==> flow/design.v <==
module mult #(
    parameter integer XLEN = 32,
    parameter integer K = 12
) (
    input logic clock,
    input logic rst_n,
    input logic [XLEN-1:0] a,
    input logic [K-1:0] b,
    output logic [XLEN+K-1:0] p
);
    always_ff @(posedge clock or negedge rst_n) begin
        if (~rst_n) begin
            p <= 0;
        end else begin
            p <= a * b;
        end
    end
endmodule
* Reports on mult
Tool output for the design above, in the order of the flow. Line numbers count from 1 in the design file above. Not given: n/a
Design: top module mult, clock clock, library sky130hd, corner tt_025C_1v80

* Word level
Yosys after proc, flatten, opt, wreduce and memory -nomap, before mapping. Enables and synchronous resets that opt folds into registers are not counted as muxes. Memory bits, and registers merged into a memory's read port (data or address), are not among the register bits. Print and check cells are not counted. Equal cells are merged and count once.
Cells by class: add/subtract/negate cells 0, multiplexer cells 0, multiply operators 1, bitwise gates (word level) 0, equal/unequal tests 0, $lt $le $gt $ge 0, shift-type cells 0, div/mod/pow operators 0, reductions and logical operators 0
Operators with widths (number):
- multiplier 32 x 12 -> 44 bit | 1
Bit counts: RAM bits 0, memories 0, clocked read ports x word width 0, ROM bits 0, input port bits 46, latch bits 0, register bits 44

* Logic depth
Longest topological path by Yosys (ltp), each cell counted once; first at word level (registers and memories cut), then after technology mapping (sequential cells cut; the memories' decode and read muxes count).
Depth: depth in word-level cells 1, ABC_AREA 1, mapped depth 25, gate-level depth less buffers 24

* Netlist
The flow's flattened synthesis, as Yosys stat reports it; memories are mapped. The netlist is that of the ABC_AREA named above (0 if unset); the other value can give another one.
Cell types (number):
- sky130_fd_sc_hd__fa_1 | 300
- sky130_fd_sc_hd__nand2_1 | 629
- sky130_fd_sc_hd__inv_1 | 573
- sky130_fd_sc_hd__dfrtp_1 | 44
- sky130_fd_sc_hd__ha_1 | 82
- sky130_fd_sc_hd__clkbuf_1 | 68
- sky130_fd_sc_hd__nor2_1 | 54
- sky130_fd_sc_hd__a21oi_1 | 32
- sky130_fd_sc_hd__xor2_1 | 17
- sky130_fd_sc_hd__nand3_1 | 24
- sky130_fd_sc_hd__o21ai_0 | 17
- sky130_fd_sc_hd__nand2_2 | 12
- sky130_fd_sc_hd__nand3_2 | 7
- sky130_fd_sc_hd__xnor2_1 | 7
- sky130_fd_sc_hd__nor3_1 | 11
- sky130_fd_sc_hd__a31oi_1 | 4
- sky130_fd_sc_hd__nor2_4 | 2
- sky130_fd_sc_hd__nand2b_1 | 2
Not listed: further types 4, cells in them 4.
Synthesis totals: flip-flop cells 44, mapped area 13965.9 sq um, buffers 68, sequential part of the area 1101.1 sq um, cells in the netlist 1889

* Path before layout
Source: OpenSTA report_checks on the synthesized netlist (no wires, ideal clock, input and output delay 20% of the period each), path of least setup slack; recovery checks are left aside. Register names are those of the netlist, which keeps one name where synthesis merged equal registers.
Timing path post-synthesis: kind in2reg, from input b[3], to register p[43], period 7930 ps, slack 2132 ps, arrival 5681 ps, data required time 7813 ps, driving pins on the path 21, path delay 4212 ps, period reached after synthesis 5798 ps
"path delay" is the arrival time less input delay plus setup time. "driving pins on the path": output pins that drive a net of the path, with the launching flip-flop's if there is one; two outputs of one cell count as two. "period reached after synthesis" = period - worst setup slack (recovery checks aside). The figure is calculated, with input and output delays left at 20% of the set period. The rows between start and end are the longest chain of elaborated cells between them; the timing report does not say that the signal goes this way. Where chains are equally long, one stands for them. A line is the first line of the expression or statement that the cell stems from. Yosys adds cells for indexed reads and writes and turns some case tables into memories.
On the way, post-synthesis: cells stage by stage sky130_fd_sc_hd__clkbuf_1 sky130_fd_sc_hd__nand2_1 sky130_fd_sc_hd__fa_1 sky130_fd_sc_hd__fa_1 sky130_fd_sc_hd__fa_1 sky130_fd_sc_hd__inv_1 sky130_fd_sc_hd__fa_1 sky130_fd_sc_hd__inv_1 sky130_fd_sc_hd__fa_1 sky130_fd_sc_hd__inv_1 sky130_fd_sc_hd__ha_1 sky130_fd_sc_hd__nand2_2 sky130_fd_sc_hd__inv_1 sky130_fd_sc_hd__a21oi_1 sky130_fd_sc_hd__nand2_2 sky130_fd_sc_hd__nand2_1 sky130_fd_sc_hd__nand3_2 sky130_fd_sc_hd__nand2_1 sky130_fd_sc_hd__nand2_1 sky130_fd_sc_hd__nand2_1 sky130_fd_sc_hd__nand2_1, length of the longest elaborated chain 1, elaborated cells on any way between the ends 1, classes of those cells mul (1)
RTL lines, path post-synthesis:
- from (decl) | RTL line 8 | input logic [K-1:0] b,
- multiplier 32 x 12 -> 44 bit | RTL line 15 | p <= a * b;
- to (assign) | RTL line 13 | p <= 0;
- to (assign) | RTL line 15
- to (decl) | RTL line 9 | output logic [XLEN+K-1:0] p

* Timing after layout
Path of least setup slack in the final report of flow run 1 (OpenROAD, finished layout, wires in). Where an end is a register, its clock arrival counts in the times. The report prints the path's times to 10 ps; the period is as set.
Timing path post-layout: kind in2reg, from input a[9], to register p[29], period 7580 ps, driving pins on the path 21, data required time 7740 ps, arrival 6740 ps, slack 1000 ps
The rows between start and end are the longest chain of elaborated cells between them; the timing report does not say that the signal goes this way. Where chains are equally long, one stands for them.
On the way, post-layout: cells stage by stage sky130_fd_sc_hd__clkdlybuf4s50_1 sky130_fd_sc_hd__nand2_1 sky130_fd_sc_hd__fa_1 sky130_fd_sc_hd__inv_1 sky130_fd_sc_hd__fa_1 sky130_fd_sc_hd__fa_1 sky130_fd_sc_hd__fa_1 sky130_fd_sc_hd__inv_1 sky130_fd_sc_hd__fa_1 sky130_fd_sc_hd__inv_1 sky130_fd_sc_hd__ha_1 sky130_fd_sc_hd__nand2_1 sky130_fd_sc_hd__inv_1 sky130_fd_sc_hd__a21oi_1 sky130_fd_sc_hd__nor2_1 sky130_fd_sc_hd__nor2_1 sky130_fd_sc_hd__nand2_2 sky130_fd_sc_hd__nand2_1 sky130_fd_sc_hd__nand2_1 sky130_fd_sc_hd__nand2_1 sky130_fd_sc_hd__nand2_1, length of the longest elaborated chain 1, elaborated cells on any way between the ends 1, classes of those cells mul (1)
RTL lines, path post-layout:
- from (decl) | RTL line 7 | input logic [XLEN-1:0] a,
- multiplier 32 x 12 -> 44 bit | RTL line 15 | p <= a * b;
- to (assign) | RTL line 13 | p <= 0;
- to (assign) | RTL line 15
- to (decl) | RTL line 9 | output logic [XLEN+K-1:0] p

Top module mult; platform sky130hd; tools Yosys and OpenROAD; 3 stored runs in no particular order. Input and output delays are each 20% of the period that was set; the output load is 0.01 pF.
"clock period reached" is the run's clock period less its worst setup slack. It is reckoned from that one timing run; input and output delays stay at 20% of the period that was set.
"time used up by the worst setup path" is the time allowed to the run's worst setup path (the clock period less input and output delay, where it has them) less its slack. Clock arrival times count: a late capture clock shortens it, a late launch clock lengthens it.
"time used up by the worst setup path" is known to 10 ps.

* Flow run 1 | settings: period_ns 7.58; CORE_UTILIZATION 31; SETUP_SLACK_MARGIN 0.74; CORE_MARGIN 3; CELL_PAD_IN_SITES_GLOBAL_PLACEMENT 3; CELL_PAD_IN_SITES_DETAIL_PLACEMENT 0; ABC_AREA 1; CTS_CLUSTER_SIZE 25; CTS_CLUSTER_DIAMETER 296; CAP_MARGIN 0; MIN_ROUTING_LAYER met1; MAX_ROUTING_LAYER met5; SLEW_MARGIN 20 | results: post-route setup TNS 0 ps; die footprint 47,633.1 sq um; post-route utilization 0.358; Yosys chip area after synthesis 13,965.9 sq um; time used up by the worst setup path 5,060 ps; type of the worst setup path in2reg; standard-cell area after layout 15,850.2 sq um; clock period reached 6,577 ps; smallest setup slack 1,003 ps
* Flow run 2 | settings: period_ns 7.93; CAP_MARGIN 20; CORE_MARGIN 2; CORE_UTILIZATION 40; SLEW_MARGIN 20 | results: post-route setup TNS 0 ps; die footprint 33,714.5 sq um; post-route utilization 0.466; Yosys chip area after synthesis 12,904.9 sq um; time used up by the worst setup path 5,860 ps; type of the worst setup path in2reg; standard-cell area after layout 14,751.6 sq um; clock period reached 7,447 ps; smallest setup slack 483 ps
* Flow run 3 | settings: period_ns 12.5; CORE_UTILIZATION 35; PLACE_DENSITY_LB_ADDON 0.26; CORE_MARGIN 9; CELL_PAD_IN_SITES_GLOBAL_PLACEMENT 1; CTS_CLUSTER_SIZE 36; SLEW_MARGIN 5; MIN_ROUTING_LAYER met2; CAP_MARGIN 20 | results: post-route setup TNS 0 ps; die footprint 44,108.4 sq um; post-route utilization 0.398; Yosys chip area after synthesis 12,904.9 sq um; time used up by the worst setup path 6,590 ps; type of the worst setup path in2reg; standard-cell area after layout 14,342.5 sq um; clock period reached 9,086 ps; smallest setup slack 3,414 ps
